==> flow/design.v <==
module dp_adder_blk #(
  parameter XLEN = 12,
  parameter CHUNK = 3
) (
  input wire clk,
  input wire [XLEN-1:0] u,
  input wire [XLEN-1:0] v,
  input wire cin,
  output reg [XLEN-1:0] s,
  output reg carry_out
);
  localparam GROUPS = XLEN / CHUNK;
  wire [XLEN-1:0] r;
  wire [GROUPS:0] carry;
  assign carry[0] = cin;
  genvar i;
  generate
    for (i = 0; i < GROUPS; i = i + 1) begin : blk
      wire [CHUNK:0] s0 = u[i*CHUNK +: CHUNK] + v[i*CHUNK +: CHUNK];
      wire [CHUNK:0] s1 = u[i*CHUNK +: CHUNK] + v[i*CHUNK +: CHUNK] + 1'b1;
      assign {carry[i+1], r[i*CHUNK +: CHUNK]} = carry[i] ? s1 : s0;
    end
  endgenerate
  always @(posedge clk) begin
    s <= r;
    carry_out <= carry[GROUPS];
  end
endmodule
Memo
Re: synthesis data of dp_adder_blk

# Reports on dp_adder_blk

A sweep over "XLEN": the same steps for each member of the family.
The RTL above is that of XLEN=12; lines are counted from 1 in the file of the member named.
Operators: Yosys type, input widths -> output width; for muxes data width and select width s.
The mark n/a stands for no value.

Top: dp_adder_blk
Clock: clk
Library: sky130hd
Corner: tt_025C_1v80

# Members of the sweep

New or changed lines of each further member against the RTL above, in its own file; lines it lacks are not shown.

Lines new or changed:

| XLEN | line | source |
| 60   | 2    | `parameter XLEN = 60,` |
| 120  | 2    | `parameter XLEN = 120,` |

# Elaborated design

Yosys after proc, flatten, opt, wreduce and memory -nomap, before mapping. Enables and synchronous resets that opt folds into registers are not counted as muxes. Memory bits, and registers merged into a memory's read port (data or address), are not among the register bits. Print and check cells are not counted. Equal cells are merged and count once.

Word-level totals:

| XLEN | bits of input ports | memory bits (writable) | latch bits | elaborated cells | ROM bits | register bits after elaboration | clocked read ports x word width | output and inout bits | memories kept |
| 12   | 26                  | 0                      | 0          | 14               | 0        | 13                              | 0                               | 13                    | 0 |
| 60   | 122                 | 0                      | 0          | 62               | 0        | 61                              | 0                               | 61                    | 0 |
| 120  | 242                 | 0                      | 0          | 122              | 0        | 121                             | 0                               | 121                   | 0 |

Cells by class:

| XLEN | add/subtract/negate cells | multipliers | order comparisons | reductions and logical operators | bitwise operators | shift operators | divide/modulo/power cells | multiplexer cells | eq/ne operators |
| 12   | 8                         | 0           | 0                 | 0                                | 0                 | 0               | 0                         | 4                 | 0 |
| 60   | 40                        | 0           | 0                 | 0                                | 0                 | 0               | 0                         | 20                | 0 |
| 120  | 80                        | 0           | 0                 | 0                                | 0                 | 0               | 0                         | 40                | 0 |

Operators with widths:

| XLEN | kind and count |
| 12   | $add 3x3->4: 4; $add 4x1->4 const B: 4; $mux 4: 4 |
| 60   | $add 3x3->4: 20; $add 4x1->4 const B: 20; $mux 4: 20 |
| 120  | $add 3x3->4: 40; $add 4x1->4 const B: 40; $mux 4: 40 |

# Longest topological paths

Longest topological path by Yosys (ltp), each cell counted once; first at word level (registers and memories cut), then after technology mapping (sequential cells cut; the memories' decode and read muxes count).

Logic depth:

| XLEN | word-level depth | ABC_AREA | gate-level depth with buffers | depth with buffers taken out |
| 12   | 6                | 0        | 9                             | 9 |
| 60   | 22               | 0        | 25                            | 25 |
| 120  | 42               | 0        | 45                            | 43 |

# After synthesis

Source: synth_stat.txt of the flow (Yosys; design flattened, memories mapped). It holds for the ABC_AREA given above (unset counts as 0); a run with the other value may have another netlist.
Totals and module areas in this step are rounded.

Cells by type:

| XLEN | types with counts |
| 12   | sky130_fd_sc_hd__dfxtp_1: 13; sky130_fd_sc_hd__ha_1: 16; sky130_fd_sc_hd__fa_1: 4; sky130_fd_sc_hd__xnor2_1: 7; sky130_fd_sc_hd__xor2_1: 6; sky130_fd_sc_hd__a21o_1: 4; sky130_fd_sc_hd__inv_1: 8; sky130_fd_sc_hd__nand2_1: 7; sky130_fd_sc_hd__nand3_1: 5; sky130_fd_sc_hd__xnor2_2: 1; sky130_fd_sc_hd__xor2_2: 1; sky130_fd_sc_hd__a21oi_1: 3; sky130_fd_sc_hd__o31ai_2: 1; sky130_fd_sc_hd__mux2_2: 1; sky130_fd_sc_hd__nor2_4: 1; sky130_fd_sc_hd__or4_4: 1; sky130_fd_sc_hd__a21oi_2: 1; sky130_fd_sc_hd__and2_4: 1; [+7] |
| 60   | sky130_fd_sc_hd__dfxtp_1: 61; sky130_fd_sc_hd__ha_1: 80; sky130_fd_sc_hd__fa_1: 20; sky130_fd_sc_hd__xor2_1: 37; sky130_fd_sc_hd__xnor2_1: 34; sky130_fd_sc_hd__a21o_1: 25; sky130_fd_sc_hd__mux2_2: 16; sky130_fd_sc_hd__nand2_1: 39; sky130_fd_sc_hd__nand3_1: 28; sky130_fd_sc_hd__and3_1: 13; sky130_fd_sc_hd__a21oi_1: 15; sky130_fd_sc_hd__inv_1: 14; sky130_fd_sc_hd__nor2_1: 14; sky130_fd_sc_hd__mux2i_1: 5; sky130_fd_sc_hd__nand4_1: 8; sky130_fd_sc_hd__nor4_1: 8; sky130_fd_sc_hd__a31oi_1: 7; sky130_fd_sc_hd__nor4_2: 3; [+44] |
| 120  | sky130_fd_sc_hd__dfxtp_1: 121; sky130_fd_sc_hd__ha_1: 160; sky130_fd_sc_hd__fa_1: 40; sky130_fd_sc_hd__xnor2_1: 73; sky130_fd_sc_hd__xor2_1: 70; sky130_fd_sc_hd__a21o_1: 54; sky130_fd_sc_hd__nand3_1: 69; sky130_fd_sc_hd__nand2_1: 84; sky130_fd_sc_hd__mux2_2: 27; sky130_fd_sc_hd__and3_1: 32; sky130_fd_sc_hd__nor4_1: 32; sky130_fd_sc_hd__a21oi_1: 34; sky130_fd_sc_hd__nand4_1: 25; sky130_fd_sc_hd__nor2_1: 41; sky130_fd_sc_hd__mux2i_1: 14; sky130_fd_sc_hd__inv_1: 33; sky130_fd_sc_hd__a31oi_1: 15; sky130_fd_sc_hd__o31ai_1: 8; [+81] |

The mark [+n] counts cells that are not listed.

Mapped netlist:

| XLEN | synthesis area (mm²) | cells in the netlist | flip-flops | sequential area (mm²) | buffers |
| 12   | 0.00092              | 88                   | 13         | 0.00026               | 0 |
| 60   | 0.00478              | 471                  | 61         | 0.00122               | 2 |
| 120  | 0.00979              | 1013                 | 121        | 0.00242               | 9 |

# Timing after synthesis

OpenSTA on the mapped netlist: ideal clock, no wires. The path of least setup slack (recovery checks aside). Input and output delay are each 20% of the period. Register names are those of the netlist, which keeps one name where synthesis merged equal registers.

Timing post-synthesis:

| XLEN | kind              | start point | end point  | stages on the path | setup slack (ps) | delay of the path (ps) | period (ps) | synthesis period reached (ps) |
| 12   | input to register | in u[0]     | reg s[9]   | 9                  | 552              | 2200                   | 3440        | 2888 |
| 60   | input to register | in u[0]     | reg s[58]  | 24                 | 1597             | 6395                   | 9990        | 8393 |
| 120  | input to register | in u[0]     | reg s[118] | 43                 | 2861             | 11539                  | 18000       | 15139 |

"delay of the path" = arrival - input delay + setup time.
"stages on the path": output pins that drive a net of the path, with the launching flip-flop's if there is one; two outputs of one cell count as two.
"synthesis period reached" is the clock period less the worst setup slack; recovery checks do not enter. This is arithmetic on one report: input and output delays are still those of the set period (20% each).
The rows between start and end are the longest chain of elaborated cells between them; the timing report does not say that the signal goes this way. Where chains are equally long, one stands for them.
Each line given opens the expression or statement behind the cell; cells for indexed reads and writes are added by Yosys, which also makes memories of some case tables.

Between the ends, post-synthesis, XLEN=12:
Length of the longest elaborated chain: 6

RTL lines, path post-synthesis, XLEN=12:

| item               | line | source |
| start: declaration | 6    | `input wire [XLEN-1:0] u,` |
| $add 3x3->4        | 20   | `wire [CHUNK:0] s1 = u[i*CHUNK +: CHUNK] + v[i*CHUNK +: CHUNK] + 1'b1;` |
| $add 4x1->4        | 20   |  |
| $mux 4 x4          | 21   | `assign {carry[i+1], r[i*CHUNK +: CHUNK]} = carry[i] ? s1 : s0;` |
| end: assignment    | 25   | `s <= r;` |
| end: declaration   | 9    | `output reg [XLEN-1:0] s,` |

Between the ends, post-synthesis, XLEN=120:
Length of the longest elaborated chain: 42

RTL lines, path post-synthesis, XLEN=120:

| item               | line | source |
| start: declaration | 6    | `input wire [XLEN-1:0] u,` |
| $add 3x3->4        | 20   | `wire [CHUNK:0] s1 = u[i*CHUNK +: CHUNK] + v[i*CHUNK +: CHUNK] + 1'b1;` |
| $add 4x1->4        | 20   |  |
| $mux 4 x40         | 21   | `assign {carry[i+1], r[i*CHUNK +: CHUNK]} = carry[i] ? s1 : s0;` |
| end: assignment    | 25   | `s <= r;` |
| end: declaration   | 9    | `output reg [XLEN-1:0] s,` |

# Worst path after layout

From the final timing report of each member's run: the path of least setup slack in the routed layout; clock arrival at registers is part of the times.
The report prints the path's times to 10 ps; the period is as set.

Timing post-layout:

| XLEN | kind              | start point | end point  | buffers on the path | setup slack (ps) | period (ps) | arrival time (ps) | stages on the path |
| 12   | input to register | in u[0]     | reg s[9]   | 1                   | 340              | 3440        | 3260              | 10 |
| 60   | input to register | in u[0]     | reg s[58]  | 1                   | 920              | 9990        | 9290              | 25 |
| 120  | input to register | in u[0]     | reg s[118] | 1                   | 1180             | 18000       | 17120             | 43 |

# Layout results

One run of the flow (Yosys, OpenROAD) for each member, with settings and measured results. Input and output delays are each 20% of the period that was set; the output load is 0.01 pF.

CAP_MARGIN: 20
CORE_MARGIN: 2
CORE_UTILIZATION: 40
SLEW_MARGIN: 20

Settings that differ:

| XLEN | period_ns |
| 12   | 3.44 |
| 60   | 9.99 |
| 120  | 18.0 |

Results:

| XLEN | die area (mm²) | standard-cell area of the final layout (mm²) | worst hold slack after layout (ps) | smallest setup slack (ps) | power (uW) | total negative slack (ps) | chip area after synthesis (Yosys) (mm²) |
| 12   | 0.0027         | 0.00136                                      | 1090                               | 341                       | 540        | 0                         | 0.00092 |
| 60   | 0.0128         | 0.00707                                      | 2320                               | 918                       | 1110       | 0                         | 0.00478 |
| 120  | 0.0257         | 0.0144                                       | 3860                               | 1180                      | 1250       | 0                         | 0.00979 |

"power" is the tool's figure for a default switching activity; nothing was simulated.
Results are given in rounded form.
